==> flow/design.v <==
module core_multiplier_top_add_row #(parameter N = 4) (
    input wire [N-1:0] a,
    input wire sel,
    input wire [N-1:0] pin,
    output wire [N:0] pout
);
    assign pout = pin + (a & {N{sel}});
endmodule
module core_multiplier_top #(
    parameter WD = 7
) (
    input wire CLK,
    input wire RSTN,
    input wire ce,
    input wire [WD-1:0] A,
    input wire [WD-1:0] B,
    output wire [2*WD-1:0] result
);
    reg [WD-1:0] A_r;
    always @(posedge CLK) begin
        if (~RSTN) begin
            A_r <= 0;
        end else if (ce) begin
            A_r <= A;
        end
    end
    reg [WD-1:0] B_r;
    always @(posedge CLK) begin
        if (~RSTN) begin
            B_r <= 0;
        end else if (ce) begin
            B_r <= B;
        end
    end
    wire [WD:0] n_ [0:WD];
    wire [WD-1:0] lo;
    assign n_[0] = 0;
    genvar k;
    generate
        for (k = 0; k < WD; k = k + 1) begin : stage
            core_multiplier_top_add_row #(.N(WD)) unit (.a(A_r), .sel(B_r[k]), .pin(n_[k][WD:1]), .pout(n_[k+1]));
            assign lo[k] = n_[k+1][0];
        end
    endgenerate
    assign result = {n_[WD][WD:1], lo};
endmodule
Step by step through the tools: core_multiplier_top
The steps from the RTL of core_multiplier_top to its reports follow in flow order. Lines are those of the file above, counted from 1. A cell with - has no value.

Design top: core_multiplier_top. Clock: CLK. Cell library: sky130hd. Corner: tt_025C_1v80.

Elaborated design
Yosys after proc, flatten, opt, wreduce and memory -nomap, before mapping. Enables and synchronous resets that opt folds into registers are not counted as muxes. Memory bits, and registers merged into a memory's read port (data or address), are not among the register bits. Print and check cells are not counted. Equal cells are merged and count once.

The figure for register bits is 14. For bits in latches the number is 0. Under bits in writable memories stands 0. The entry for memory bits (read-only) reads 0. For word width x clocked read ports the number is 0. The figure for memories kept is 0. The figure for bits of input ports is 17. Output and inout port bits: 14. The entry for word-level cells reads 15.

$add $sub $neg: 6. For multiply operators the number is 0. For div/mod/pow operators the number is 0. The entry for order comparisons reads 0. Equality and inequality tests: 0. The entry for shift-type cells reads 0. The figure for muxes and demuxes is 0. Under bitwise logic cells stands 7. The entry for reduce/logical cells reads 0.

Operators with widths (number): AND 7 bit (7); adder 7 x 8 -> 8 bit (5); adder 6 x 8 -> 8 bit (1).

Longest topological paths
Yosys ltp: most cells in a row. Word level: on the elaborated netlist, between registers, memories and ports. Mapped: between sequential cells and ports; inverters and the memories' decode and read muxes count.

For depth in word-level cells the number is 7. ABC_AREA: 0. The figure for gate-level depth with buffers is 31. The entry for gate-level depth less buffers reads 30.

Synthesis result
Source: synth_stat.txt of the flow (Yosys; design flattened, memories mapped). It holds for the ABC_AREA given above (unset counts as 0); a run with the other value may have another netlist. Totals and module areas in this step are rounded.

Cells by type (number): sky130_fd_sc_hd__ha_1 (41); sky130_fd_sc_hd__dfxtp_1 (14); sky130_fd_sc_hd__and2_1 (44); sky130_fd_sc_hd__nor2b_1 (28); sky130_fd_sc_hd__mux2i_1 (15); sky130_fd_sc_hd__xnor2_1 (17); sky130_fd_sc_hd__a21oi_1 (24); sky130_fd_sc_hd__fa_1 (6); sky130_fd_sc_hd__inv_1 (21); sky130_fd_sc_hd__o21ai_0 (14); sky130_fd_sc_hd__nand2_1 (13); sky130_fd_sc_hd__xor2_1 (5); sky130_fd_sc_hd__a311o_1 (4); sky130_fd_sc_hd__nor2_1 (10); sky130_fd_sc_hd__o31a_1 (4); sky130_fd_sc_hd__a21o_1 (4); sky130_fd_sc_hd__o21a_1 (4); sky130_fd_sc_hd__a31oi_1 (4).

Other cell types: 16; their cells: 25.

Under cells in the netlist stands 297. The entry for cell area after synthesis reads 2390 µm². The figure for area of sequential cells is 280 µm². Flip-flop cells: 14.

The figures by module come from a second, unflattened synthesis with its own total; it is not the netlist above.

The figure for cells (unflattened synthesis) is 354. Area total of the unflattened synthesis: 2840 µm².

Each row is one instance without its submodules.

Modules: core_multiplier_top_add_row (N=7) (instances 7, cells 44, area 328 µm²); core_multiplier_top (instances 1, cells 46, area 547 µm²).

Worst setup path after synthesis
OpenSTA on the mapped netlist: ideal clock, no wires. The path of least setup slack (recovery checks aside). Input and output delay are each 20% of the period. Register names are those of the netlist, which keeps one name where synthesis merged equal registers.

Path type: register -> output. Start point: reg B_r[1]. End point: out result[11]. The figure for clock period is 9090 ps. Under external output delay stands 1818 ps. For arrival time the number is 5820 ps. The entry for setup slack reads 1452 ps. For delay of the path the number is 5820 ps. Driving pins on the path: 32. For buffers on the path the number is 1. Under synthesis period reached stands 7638 ps.

"delay of the path" is the arrival time less input delay plus setup time. At an output port there is no setup time. "driving pins on the path" counts driving pins, that of a launching flip-flop among them; a cell with two outputs on the path counts twice. "synthesis period reached" = period - worst setup slack (recovery checks aside). The figure is calculated, with input and output delays left at 20% of the set period. The rows between start and end are the longest chain of elaborated cells between them; the timing report does not say that the signal goes this way. Where chains are equally long, one stands for them. Each line given opens the expression or statement behind the cell; cells for indexed reads and writes are added by Yosys, which also makes memories of some case tables.

Cell sequence: sky130_fd_sc_hd__dfxtp_1 sky130_fd_sc_hd__clkbuf_2 sky130_fd_sc_hd__and2_1 sky130_fd_sc_hd__ha_1 sky130_fd_sc_hd__inv_1 sky130_fd_sc_hd__fa_1 sky130_fd_sc_hd__nor2b_1 sky130_fd_sc_hd__o31a_1 sky130_fd_sc_hd__a21oi_1 sky130_fd_sc_hd__ha_1 sky130_fd_sc_hd__a21oi_1 sky130_fd_sc_hd__nor2b_1 sky130_fd_sc_hd__a311oi_1 sky130_fd_sc_hd__xnor2_1 sky130_fd_sc_hd__ha_1 sky130_fd_sc_hd__nor2b_1 sky130_fd_sc_hd__a311oi_1 sky130_fd_sc_hd__xnor2_1 sky130_fd_sc_hd__ha_1 sky130_fd_sc_hd__nand3_1 sky130_fd_sc_hd__o21ai_0 sky130_fd_sc_hd__xor2_1 sky130_fd_sc_hd__ha_1 sky130_fd_sc_hd__a21oi_1 sky130_fd_sc_hd__nand2_1 sky130_fd_sc_hd__a31oi_1 sky130_fd_sc_hd__xnor2_1 sky130_fd_sc_hd__ha_1 sky130_fd_sc_hd__a21oi_1 sky130_fd_sc_hd__nand2_1 sky130_fd_sc_hd__a31oi_1 sky130_fd_sc_hd__xnor2_1. Under cells in the longest elaborated chain stands 7. Elaborated cells on any way between the ends: 7. Classes of those cells: add/sub: 6; logic: 1.

RTL lines, path post-synthesis: start, declared (line 27) `reg [WD-1:0] B_r;`; start, assigned (line 30) `B_r <= 0;`; start, assigned (line 32) `B_r <= B;`; AND 7 bit (line 7) `assign pout = pin + (a & {N{sel}});`; adder 6 x 8 -> 8 bit (line 7); adder 7 x 8 -> 8 bit x5 (line 7); end, declared (line 17) `output wire [2*WD-1:0] result`.

Worst path after layout
Path of least setup slack in the final report of run 1 (OpenROAD, finished layout, wires in). Where an end is a register, its clock arrival counts in the times. The path's times are printed in steps of 10 ps; the period is the one set.

Path type: register -> output. Start point: reg A_r[1]. End point: out result[11]. The figure for clock period is 12200 ps. Under external output delay stands 2440 ps. For arrival time the number is 7290 ps. The entry for setup slack reads 2470 ps. Driving pins on the path: 32. For buffers on the path the number is 1.

The rows between start and end are the longest chain of elaborated cells between them; the timing report does not say that the signal goes this way. Where chains are equally long, one stands for them.

Cell sequence: sky130_fd_sc_hd__dfxtp_1 sky130_fd_sc_hd__and2_1 sky130_fd_sc_hd__ha_1 sky130_fd_sc_hd__inv_1 sky130_fd_sc_hd__fa_1 sky130_fd_sc_hd__nor2b_1 sky130_fd_sc_hd__o31a_1 sky130_fd_sc_hd__a21oi_1 sky130_fd_sc_hd__ha_1 sky130_fd_sc_hd__a21oi_1 sky130_fd_sc_hd__nor2b_1 sky130_fd_sc_hd__a311oi_1 sky130_fd_sc_hd__xnor2_1 sky130_fd_sc_hd__ha_1 sky130_fd_sc_hd__nor2b_1 sky130_fd_sc_hd__a311oi_1 sky130_fd_sc_hd__xnor2_1 sky130_fd_sc_hd__ha_1 sky130_fd_sc_hd__nand3_1 sky130_fd_sc_hd__o21ai_0 sky130_fd_sc_hd__xor2_1 sky130_fd_sc_hd__ha_1 sky130_fd_sc_hd__a21oi_1 sky130_fd_sc_hd__nand2_1 sky130_fd_sc_hd__a31oi_1 sky130_fd_sc_hd__xnor2_1 sky130_fd_sc_hd__ha_1 sky130_fd_sc_hd__a21oi_1 sky130_fd_sc_hd__nand2_1 sky130_fd_sc_hd__a31oi_1 sky130_fd_sc_hd__xnor2_1 sky130_fd_sc_hd__clkdlybuf4s50_1. Under cells in the longest elaborated chain stands 7. Elaborated cells on any way between the ends: 13. Classes of those cells: add/sub: 6; logic: 7.

RTL lines, path post-layout: start, declared (line 19) `reg [WD-1:0] A_r;`; start, assigned (line 22) `A_r <= 0;`; start, assigned (line 24) `A_r <= A;`; AND 7 bit (line 7) `assign pout = pin + (a & {N{sel}});`; adder 6 x 8 -> 8 bit (line 7); adder 7 x 8 -> 8 bit x5 (line 7); end, declared (line 17) `output wire [2*WD-1:0] result`.

--- measured runs ---
Module core_multiplier_top, platform sky130hd: 2 stored runs of the flow (Yosys, OpenROAD) with differing settings, in no particular order. Input and output delays are each 20% of the period that was set; the output load is 0.01 pF. "period reached" means the clock period less the worst setup slack. The figure is calculated, with input and output delays left at 20% of the set period. "worst setup path time" is the time allowed to the run's worst setup path (the clock period less input and output delay, where it has them) less its slack. Clock arrival times count: a late capture clock shortens it, a late launch clock lengthens it. "power consumption": no workload was simulated; the value follows from the tool's default switching activity. "worst setup path time" is known to 10 ps. Measured values are rounded.

Run 1 has these settings: period_ns 12.2; CORE_UTILIZATION 28; PLACE_DENSITY_LB_ADDON 0.27; CELL_PAD_IN_SITES_GLOBAL_PLACEMENT 0; ABC_AREA 0; GPL_TIMING_DRIVEN 0; CTS_CLUSTER_DIAMETER 317; SLEW_MARGIN 25; CAP_MARGIN 20; CORE_MARGIN 2. The period reached is 9735 ps. The setup slack of the worst path reads 2470 ps. The die area comes to 9290 µm². The smallest hold slack stands at 593 ps. The standard-cell area after layout stands at 2870 µm². The measured power consumption is 0.146 mW. For the utilization after routing the run shows 0.347. The worst setup path time stands at 7290 ps. Critical path kind: register -> output. The netlist area reported by Yosys is 2390 µm². The measured sum of negative setup slack is 0 ps.

Run 2 has these settings: period_ns 9.09; CAP_MARGIN 20; CORE_MARGIN 2; CORE_UTILIZATION 40; SLEW_MARGIN 20. The measured power consumption is 0.200 mW. The worst setup path time stands at 6720 ps. Critical path kind: register -> output. The measured sum of negative setup slack is 0 ps. The smallest hold slack stands at 565 ps. The standard-cell area after layout stands at 2890 µm². The die area comes to 6610 µm². The setup slack of the worst path reads 553 ps. For the utilization after routing the run shows 0.493. The netlist area reported by Yosys is 2390 µm². The period reached is 8537 ps.
--- end ---
